==> flow/design.v <==
module my_reg_file_mod_entry #(parameter N = 8) (
  input wire clk,
  input wire en,
  input wire [N-1:0] d,
  output reg [N-1:0] q
);
  always @(posedge clk)
    if (en) q <= d;
endmodule
module my_reg_file_mod (aclk, rst_i, wr_en, wa, wdata, rsel, rdata);
  parameter WORDS = 64;
  parameter WIDTH = 2;
  parameter NUM_RD = 3;
  localparam ADDR_W = $clog2(WORDS);
  input aclk;
  input rst_i;
  input wr_en;
  input [ADDR_W-1:0] wa;
  input [WIDTH-1:0] wdata;
  input [NUM_RD*ADDR_W-1:0] rsel;
  output [NUM_RD*WIDTH-1:0] rdata;
  reg wr_en_r;
  reg [ADDR_W-1:0] wa_r;
  reg [WIDTH-1:0] wdata_r;
  always @(posedge aclk) begin
    if (rst_i) begin
      wr_en_r <= 1'b0;
      wa_r <= 0;
      wdata_r <= 0;
    end else begin
      wr_en_r <= wr_en;
      wa_r <= wa;
      wdata_r <= wdata;
    end
  end
  wire [WORDS*WIDTH-1:0] store;
  genvar i;
  generate
    for (i = 0; i < WORDS; i = i + 1) begin : blk
      my_reg_file_mod_entry #(.N(WIDTH)) u (.clk(aclk), .en(wr_en_r && wa_r == i), .d(wdata_r), .q(store[i*WIDTH +: WIDTH]));
    end
  endgenerate
  reg [NUM_RD*ADDR_W-1:0] rsel_r;
  always @(posedge aclk) begin
    if (rst_i) begin
      rsel_r <= 0;
    end else begin
      rsel_r <= rsel;
    end
  end
  wire [NUM_RD*WIDTH-1:0] work;
  genvar j;
  generate
    for (j = 0; j < NUM_RD; j = j + 1) begin : each
      assign work[j*WIDTH +: WIDTH] = store[rsel_r[j*ADDR_W +: ADDR_W]*WIDTH +: WIDTH];
    end
  endgenerate
  reg [NUM_RD*WIDTH-1:0] rdata_r;
  always @(posedge aclk) begin
    if (rst_i) begin
      rdata_r <= 0;
    end else begin
      rdata_r <= work;
    end
  end
  assign rdata = rdata_r;
endmodule
# Tool chain data of my_reg_file_mod
# What the tools print for my_reg_file_mod, step after step.
# Lines are those of the file above, counted from 1.
# Cell names lack the library's common part.
# Not given: n/a
dict set report setup {
  top {my_reg_file_mod}
  clock {aclk}
  library {sky130hd}
  pvt_corner {tt_025C_1v80}
}

# After elaboration
# Source: Yosys, flattened and elaborated, memories not mapped. Widths are those after wreduce; folded enables and synchronous resets count as part of the registers. Registers that Yosys merges into a memory's read port (data or address) are not register bits. Print and check cells do not count. Equal cells are merged and count once.
dict set report word_totals {
  reg_bits 161
  in_bits 29
  elab_cells 200
  out_inout_bits 6
}
dict set report classes {
  shifts 3
  n_reduce_logical 65
  eq_ne 63
}
# op count
set ops {}
lappend ops {{variable part select 128 x 8 -> 2 bit} 3}
lappend ops {{== test 6 bit (second input constant)} 32}
lappend ops {{== test 6 x 5 -> 1 bit (second input constant)} 16}
lappend ops {{logical AND 1 bit} 64}
lappend ops {{== test 6 x 4 -> 1 bit (second input constant)} 8}
lappend ops {{== test 6 x 3 -> 1 bit (second input constant)} 4}
lappend ops {{== test 6 x 2 -> 1 bit (second input constant)} 2}
lappend ops {{== test 6 x 1 -> 1 bit (second input constant)} 1}
lappend ops {{zero test 6 bit} 1}

# Longest topological paths
# Depth = most cells in a row (Yosys ltp): at word level without a register or memory, in the mapped netlist without a sequential cell, where the memories' decode and read muxes count.
dict set report logic_depth {
  depth_word 2
  abc_area 1
  mapped_depth 10
}

# After synthesis
# Yosys stat after the flow's synthesis: flattened, memories mapped to cells. It holds for the ABC_AREA given above (unset counts as 0); a run with the other value may have another netlist.
# The area totals of this step are shown rounded.
dict set report mapped {
  buf_cells 80
  mapped_area_um2 9100
  sequential_area_um2 4500
  mapped_cells 1223
  flip_flops 161
}
# cell count
set by_type {}
lappend by_type {edfxtp_1 128}
lappend by_type {nand2_1 498}
lappend by_type {nand3_1 328}
lappend by_type {dfxtp_1 33}
lappend by_type {nor2_1 97}
lappend by_type {buf_6 19}
lappend by_type {inv_1 50}
lappend by_type {buf_2 37}
lappend by_type {clkbuf_1 19}
lappend by_type {buf_4 5}
lappend by_type {a21oi_1 6}
lappend by_type {inv_2 3}

# Timing after synthesis
# OpenSTA on the mapped netlist: ideal clock, no wires. The path of least setup slack (recovery checks aside). Input and output delay are each 20% of the period. Register names are those of the netlist, which keeps one name where synthesis merged equal registers.
dict set report synth_path {
  kind {reg2reg}
  start {register wdata_r[0]}
  end {register blk[0].u.q[0]}
  t_required_ns 1.968
  clock_period_ns 2.33
  setup_time_ns 0.362
  path_slack_ns 0.924
  t_arrival_ns 1.044
  n_path_buf 0
  path_stages 1
  path_delay_ns 1.406
  period_less_setup_slack_ns 1.406
}
# "path_delay_ns" is the arrival time less input delay plus setup time.
# "path_stages": output pins that drive a net of the path, with the launching flip-flop's if there is one; two outputs of one cell count as two.
# "period_less_setup_slack_ns" = period - worst setup slack (recovery checks aside). The figure is calculated, with input and output delays left at 20% of the set period.
dict set report synth_between {
  path_cell_list {dfxtp_1}
  elab_chain_len 0
  cone_cells 0
  lines_between 0
}
# element line_no
set synth_lines {}
lappend synth_lines {{start: declaration} 24} ;# reg [WIDTH-1:0] wdata_r;
lappend synth_lines {{start: assignment} 29} ;# wdata_r <= 0;
lappend synth_lines {{start: assignment} 33} ;# wdata_r <= wdata;
lappend synth_lines {{end: assignment} 8} ;# if (en) q <= d;
lappend synth_lines {{end: declaration} 5} ;# output reg [N-1:0] q

# Timing after layout
# From the final timing report of flow run 2: the path of least setup slack in the routed layout; clock arrival at registers is part of the times.
dict set report layout_path {
  kind {reg2reg}
  start {register rsel_r[12]}
  end {register rdata_r[4]}
  t_arrival_ns 1.88
  path_stages 12
  setup_time_ns 0.11
  clock_period_ns 1.52
  t_required_ns 1.85
  n_path_buf 2
  path_slack_ns -0.04
}
# Between the ends stands the longest chain of elaborated cells between them, by number of cells; it is not shown to be the way that was timed. Of several equally long chains one is given.
# A line is the first line of the expression or statement that the cell stems from. Yosys adds cells for indexed reads and writes and turns some case tables into memories.
dict set report layout_between {
  path_cell_list {dfxtp_4 > buf_12 > clkinv_16 > clkbuf_16 > nand2_2 > nand3_2 > nand3_2 > nand2_1 > nand2_1 > nand3_2 > nand3_2 > a21oi_2}
  elab_chain_len 1
  cone_cells 1
  lines_between 1
  cone_classes {1 x shift}
}
# element line_no
set layout_lines {}
lappend layout_lines {{start: declaration} 43} ;# reg [NUM_RD*ADDR_W-1:0] rsel_r;
lappend layout_lines {{start: assignment} 46} ;# rsel_r <= 0;
lappend layout_lines {{start: assignment} 48} ;# rsel_r <= rsel;
lappend layout_lines {{variable part select 128 x 8 -> 2 bit} 55} ;# assign work[j*WIDTH +: WIDTH] = store[rsel_r[j*ADDR_W +: ADDR_W]*WIDTH +: WIDTH];
lappend layout_lines {{end: assignment} 61} ;# rdata_r <= 0;
lappend layout_lines {{end: assignment} 63} ;# rdata_r <= work;
lappend layout_lines {{end: declaration} 58} ;# reg [NUM_RD*WIDTH-1:0] rdata_r;

; Design my_reg_file_mod on sky130hd. What follows are 3 stored runs of the flow, each under its own settings; their order means nothing. The constraints put input and output delay at 20% of the set period each and load the outputs with 0.01 pF.
; "achievedPeriod_ns" means the clock period less the worst setup slack. The figure is calculated, with input and output delays left at 20% of the set period.
; "fin_power_uw" is the tool's figure for a default switching activity; nothing was simulated.
; Values from the reports are rounded here.

[flow run 1: settings]
period_ns = 1.93
CORE_UTILIZATION = 69
PLACE_DENSITY_LB_ADDON = 0.23
CORE_MARGIN = 9
CELL_PAD_IN_SITES_GLOBAL_PLACEMENT = 2
CELL_PAD_IN_SITES_DETAIL_PLACEMENT = 0
GPL_TIMING_DRIVEN = 0
MIN_ROUTING_LAYER = met1
MAX_ROUTING_LAYER = met4
CAP_MARGIN = 20
SLEW_MARGIN = 20
[flow run 1: results]
outcome = did not finish, placement stopped with FLW-0024

[flow run 2: settings]
period_ns = 1.52
CORE_UTILIZATION = 16
TNS_END_PERCENT = 50
ABC_AREA = 1
CTS_CLUSTER_DIAMETER = 350
CAP_MARGIN = 20
MAX_ROUTING_LAYER = met5
CORE_MARGIN = 2
SLEW_MARGIN = 20
[flow run 2: results]
achievedPeriod_ns = 1.558
fin_power_uw = 11000
hold_worst_slack_ns = 0.23
finish.utilization_pct = 22
stdcell_area_um2 = 12000
total_negative_slack_ns = -0.083
setup_worst_slack_ns = -0.038
total_die_area_um2 = 59000
post_synth_area_um2 = 9100

[flow run 3: settings]
period_ns = 2.33
CAP_MARGIN = 20
CORE_MARGIN = 2
CORE_UTILIZATION = 40
SLEW_MARGIN = 20
[flow run 3: results]
achievedPeriod_ns = 2.200
fin_power_uw = 6700
hold_worst_slack_ns = 0.53
finish.utilization_pct = 47
stdcell_area_um2 = 9600
total_negative_slack_ns = 0.000
setup_worst_slack_ns = 0.13
total_die_area_um2 = 22000
post_synth_area_um2 = 8300
